==> flow/design.v <==
module data_mux_stage #(
   parameter DATA_WIDTH = 32,
   parameter NIN = 20,
   parameter SBITS = $clog2(NIN)
) (
   input  clk_i,
   input  RST,
   input  [NIN*DATA_WIDTH-1:0] src,
   input  [SBITS-1:0] addr,
   output reg [DATA_WIDTH-1:0] dout
);
   reg [NIN*DATA_WIDTH-1:0] src_d1;
   reg [SBITS-1:0] addr_d1;
   wire [NIN*DATA_WIDTH-1:0] r;
   assign r = src_d1 >> (addr_d1 * DATA_WIDTH);
   always @(posedge clk_i or posedge RST) begin
      if (RST) begin
         src_d1 <= 0;
         addr_d1 <= 0;
         dout <= 0;
      end else begin
         src_d1 <= src;
         addr_d1 <= addr;
         dout <= r[DATA_WIDTH-1:0];
      end
   end
endmodule
* Step by step through the tools: data_mux_stage *
Tool output for the design above, in the order of the flow.
Lines are those of the file above, counted from 1.
Operators carry their Yosys type and port widths (W data, S select, Z words).
Library cell names are shortened.
A cell with n/a has no value.

set-up
  top = data_mux_stage
  clock port = clk_i
  library = sky130hd
  library corner = tt_025C_1v80

* After elaboration *
Counts by Yosys on the flattened word-level netlist (proc, flatten, opt, wreduce; memories kept). Register bits leave out memories and registers merged into their read ports (data or address); mux counts leave out enables and synchronous resets folded into registers. Print and check cells are left out. Cells with the same type and inputs are merged into one.

word-level totals
  cells after elaboration = 4
  output and inout bits = 32
  flip-flop bits (word level) = 677
  input bits = 647

operators by class
  shift-type cells = 1

operator list
  kind               number
  $shr A640 B10 Y32  1

* Depth *
Depth = most cells in a row (Yosys ltp): at word level without a register or memory, in the mapped netlist without a sequential cell, where the memories' decode and read muxes count.

depth
  word-level depth = 1
  ABC_AREA = 0
  depth in mapped cells = 8
  gate-level depth less buffers = 4

* After synthesis *
Yosys stat after the flow's synthesis: flattened, memories mapped to cells. It holds for the ABC_AREA given above (unset counts as 0); a run with the other value may have another netlist.
The area totals of this step are shown rounded.

synthesis totals
  cell area after synthesis = 22200 sq um
  cell count = 1167
  sequential area = 16900 sq um
  flip-flops = 677
  buffer cells = 66

cell types
  cell type  number  area in all (sq um)
  dfrtp_1    677     1.69E+04
  mux4_2     96      2.16E+03
  mux2i_1    160     1.6E+03
  a22oi_1    64      480.461
  o211ai_1   32      240.23
  nand3_1    32      160.154
  buf_4      16      120.115
  nand2_1    32      120.115
  buf_2      23      115.11
  clkbuf_1   17      63.811
  buf_8      4       60.058
  buf_6      4       45.043
  nor2b_1    3       18.768
  clkbuf_4   2       15.014
  nor3b_1    1       7.507
  and2_1     1       6.256
  or2_2      1       6.256
  inv_1      1       3.754
  nor2_1     1       3.754

* Timing after synthesis *
Source: OpenSTA report_checks on the synthesized netlist (no wires, ideal clock, input and output delay 20% of the period each), path of least setup slack; recovery checks are left aside. Register names are those of the netlist, which keeps one name where synthesis merged equal registers.

timing path post-synthesis
  path kind = reg2reg
  start = register addr_d1[0]
  end = register dout[0]
  data arrival time = 1.402 ns
  slack = 0.390 ns
  data required time = 1.792 ns
  path delay = 1.540 ns
  time at the first pin = 0.000 ns
  stages on the path = 7
  setup time = 0.138 ns
  period = 1.93 ns
  path buffers = 3
  period reached after synthesis = 1.54 ns

"path delay" = arrival - input delay + setup time.
"stages on the path": output pins that drive a net of the path, with the launching flip-flop's if there is one; two outputs of one cell count as two.
"period reached after synthesis" = period - worst setup slack (recovery checks aside). The figure is calculated, with input and output delays left at 20% of the set period.
Between the ends stands the longest chain of elaborated cells between them, by number of cells; it is not shown to be the way that was timed. Of several equally long chains one is given.
Each line given opens the expression or statement behind the cell; cells for indexed reads and writes are added by Yosys, which also makes memories of some case tables.

between the ends, post-synthesis
  cell sequence = dfrtp_1 > buf_6 > buf_8 > buf_6 > mux4_2 > nand2_1 > o211ai_1
  cells in the longest elaborated chain = 1
  elaborated cells between the ends (all ways) = 1
  RTL lines with such cells = 1
  those cells by class = shift: 1

ends and longest elaborated chain, post-synthesis
  item                line  RTL
  start: declaration  13    reg [SBITS-1:0] addr_d1;
  start: assignment   19    addr_d1 <= 0;
  start: assignment   23    addr_d1 <= addr;
  $shr A640 B10 Y32   15    assign r = src_d1 >> (addr_d1 * DATA_WIDTH);
  end: assignment     20    dout <= 0;
  end: assignment     24    dout <= r[DATA_WIDTH-1:0];
  end: declaration    10    output reg [DATA_WIDTH-1:0] dout

* Worst path after layout *
Path of least setup slack in the final report of run A (OpenROAD, finished layout, wires in). Where an end is a register, its clock arrival counts in the times.

timing path post-layout
  path kind = reg2reg
  start = register addr_d1[0]
  end = register dout[26]
  setup time = 0.15 ns
  path buffers = 4
  period = 1.93 ns
  data arrival time = 2.43 ns
  slack = -0.04 ns
  data required time = 2.39 ns
  time at the first pin = 0.59 ns
  stages on the path = 8

Between the ends stands the longest chain of elaborated cells between them, by number of cells; it is not shown to be the way that was timed. Of several equally long chains one is given.

between the ends, post-layout
  cell sequence = dfrtp_4 > buf_12 > buf_16 > buf_12 > buf_4 > mux4_2 > nand2_1 > o211ai_1
  cells in the longest elaborated chain = 1
  elaborated cells between the ends (all ways) = 1
  RTL lines with such cells = 1
  those cells by class = shift: 1

ends and longest elaborated chain, post-layout
  item                line  RTL
  start: declaration  13    reg [SBITS-1:0] addr_d1;
  start: assignment   19    addr_d1 <= 0;
  start: assignment   23    addr_d1 <= addr;
  $shr A640 B10 Y32   15    assign r = src_d1 >> (addr_d1 * DATA_WIDTH);
  end: assignment     20    dout <= 0;
  end: assignment     24    dout <= r[DATA_WIDTH-1:0];
  end: declaration    10    output reg [DATA_WIDTH-1:0] dout

Data sheet: physical implementation of data_mux_stage

Module data_mux_stage, platform sky130hd: 3 stored runs of the flow (Yosys, OpenROAD) with differing settings, in no particular order. Input and output delays are each 20% of the period that was set; the output load is 0.01 pF.
"achieved clock period": clock period set for the run, less the worst setup slack. It is reckoned from that one timing run; input and output delays stay at 20% of the period that was set.
"worst setup path time" = time allowed to the worst setup path (clock period - input delay - output delay, where it has them) - its slack; a late launch clock adds to it, a late capture clock takes from it.
By "power" is meant OpenSTA's value without simulated activity: inputs other than the clock are taken to toggle once in ten clock periods, and the tool carries that through the logic.
The measured numbers are rounded.

Run A
==> flow/run.sh <==
#!/bin/bash
# the make line also repeats the synthesis and layout settings of config.mk as NAME=value (left out here)
make -C /OpenROAD-flow-scripts/flow DESIGN_CONFIG=/design/flow/config.mk WORK_HOME=/design/flow/orfs CLKGATE_MAP_FILE= finish
==> flow/config.mk <==
export PLATFORM = sky130hd
export DESIGN_NAME = data_mux_stage
export DESIGN_NICKNAME = data_mux_stage
export VERILOG_FILES = /design/flow/design.v
export SDC_FILE = /design/flow/constraint.sdc
export NUM_CORES = 4
export LEC_CHECK = 0
export CAP_MARGIN = 20
export CORE_MARGIN = 2
export CORE_UTILIZATION = 40
export SLEW_MARGIN = 20
==> flow/constraint.sdc <==
create_clock -name core_clock -period 1.93 [get_ports {clk_i}]
set_input_delay 0.3860 -clock core_clock [delete_from_list [all_inputs] [get_ports {clk_i}]]
set_output_delay 0.3860 -clock core_clock [all_outputs]
set_load 0.01 [all_outputs]

==> results of run A <==
chip area after synthesis (Yosys): 22200 sq um
die area: 57300 sq um
standard-cell area of the final layout: 33800 sq um
utilization: 61.4%
worst setup slack after layout: -0.041 ns
total negative slack: -0.096 ns
power: 32.2 mW
achieved clock period: 1.971 ns
worst setup path time: 1.97 ns
worst setup path kind: reg2reg

Run B
==> flow/run.sh <==
#!/bin/bash
# the make line also repeats the synthesis and layout settings of config.mk as NAME=value (left out here)
make -C /OpenROAD-flow-scripts/flow DESIGN_CONFIG=/design/flow/config.mk WORK_HOME=/design/flow/orfs CLKGATE_MAP_FILE= finish
==> flow/config.mk <==
export PLATFORM = sky130hd
export DESIGN_NAME = data_mux_stage
export DESIGN_NICKNAME = data_mux_stage
export VERILOG_FILES = /design/flow/design.v
export SDC_FILE = /design/flow/constraint.sdc
export NUM_CORES = 4
export LEC_CHECK = 0
export CAP_MARGIN = 30
export CORE_MARGIN = 2
export CORE_UTILIZATION = 33
export CTS_CLUSTER_SIZE = 83
export GPL_TIMING_DRIVEN = 0
export PLACE_DENSITY_LB_ADDON = 0.08
export SLEW_MARGIN = 20
==> flow/constraint.sdc <==
create_clock -name core_clock -period 1.01 [get_ports {clk_i}]
set_input_delay 0.2020 -clock core_clock [delete_from_list [all_inputs] [get_ports {clk_i}]]
set_output_delay 0.2020 -clock core_clock [all_outputs]
set_load 0.01 [all_outputs]

==> results of run B <==
chip area after synthesis (Yosys): 22200 sq um
die area: 69300 sq um
standard-cell area of the final layout: 38500 sq um
utilization: 57.7%
worst setup slack after layout: -0.953 ns
total negative slack: -36.7 ns
power: 64.4 mW
achieved clock period: 1.963 ns
worst setup path time: 1.96 ns
worst setup path kind: reg2reg

Run C
==> flow/run.sh <==
#!/bin/bash
# the make line also repeats the synthesis and layout settings of config.mk as NAME=value (left out here)
make -C /OpenROAD-flow-scripts/flow DESIGN_CONFIG=/design/flow/config.mk WORK_HOME=/design/flow/orfs CLKGATE_MAP_FILE= finish
==> flow/config.mk <==
export PLATFORM = sky130hd
export DESIGN_NAME = data_mux_stage
export DESIGN_NICKNAME = data_mux_stage
export VERILOG_FILES = /design/flow/design.v
export SDC_FILE = /design/flow/constraint.sdc
export NUM_CORES = 4
export LEC_CHECK = 0
export CAP_MARGIN = 20
export CELL_PAD_IN_SITES_GLOBAL_PLACEMENT = 2
export CORE_MARGIN = 2
export CORE_UTILIZATION = 71
export CTS_CLUSTER_DIAMETER = 351
export CTS_CLUSTER_SIZE = 22
export MAX_ROUTING_LAYER = met5
export PLACE_DENSITY_LB_ADDON = 0.14
export SETUP_SLACK_MARGIN = 0.16
export SLEW_MARGIN = 20
export TNS_END_PERCENT = 60
==> flow/constraint.sdc <==
create_clock -name core_clock -period 1.15 [get_ports {clk_i}]
set_input_delay 0.2300 -clock core_clock [delete_from_list [all_inputs] [get_ports {clk_i}]]
set_output_delay 0.2300 -clock core_clock [all_outputs]
set_load 0.01 [all_outputs]

==> results of run C <==
did not finish, placement stopped with PPL-0024
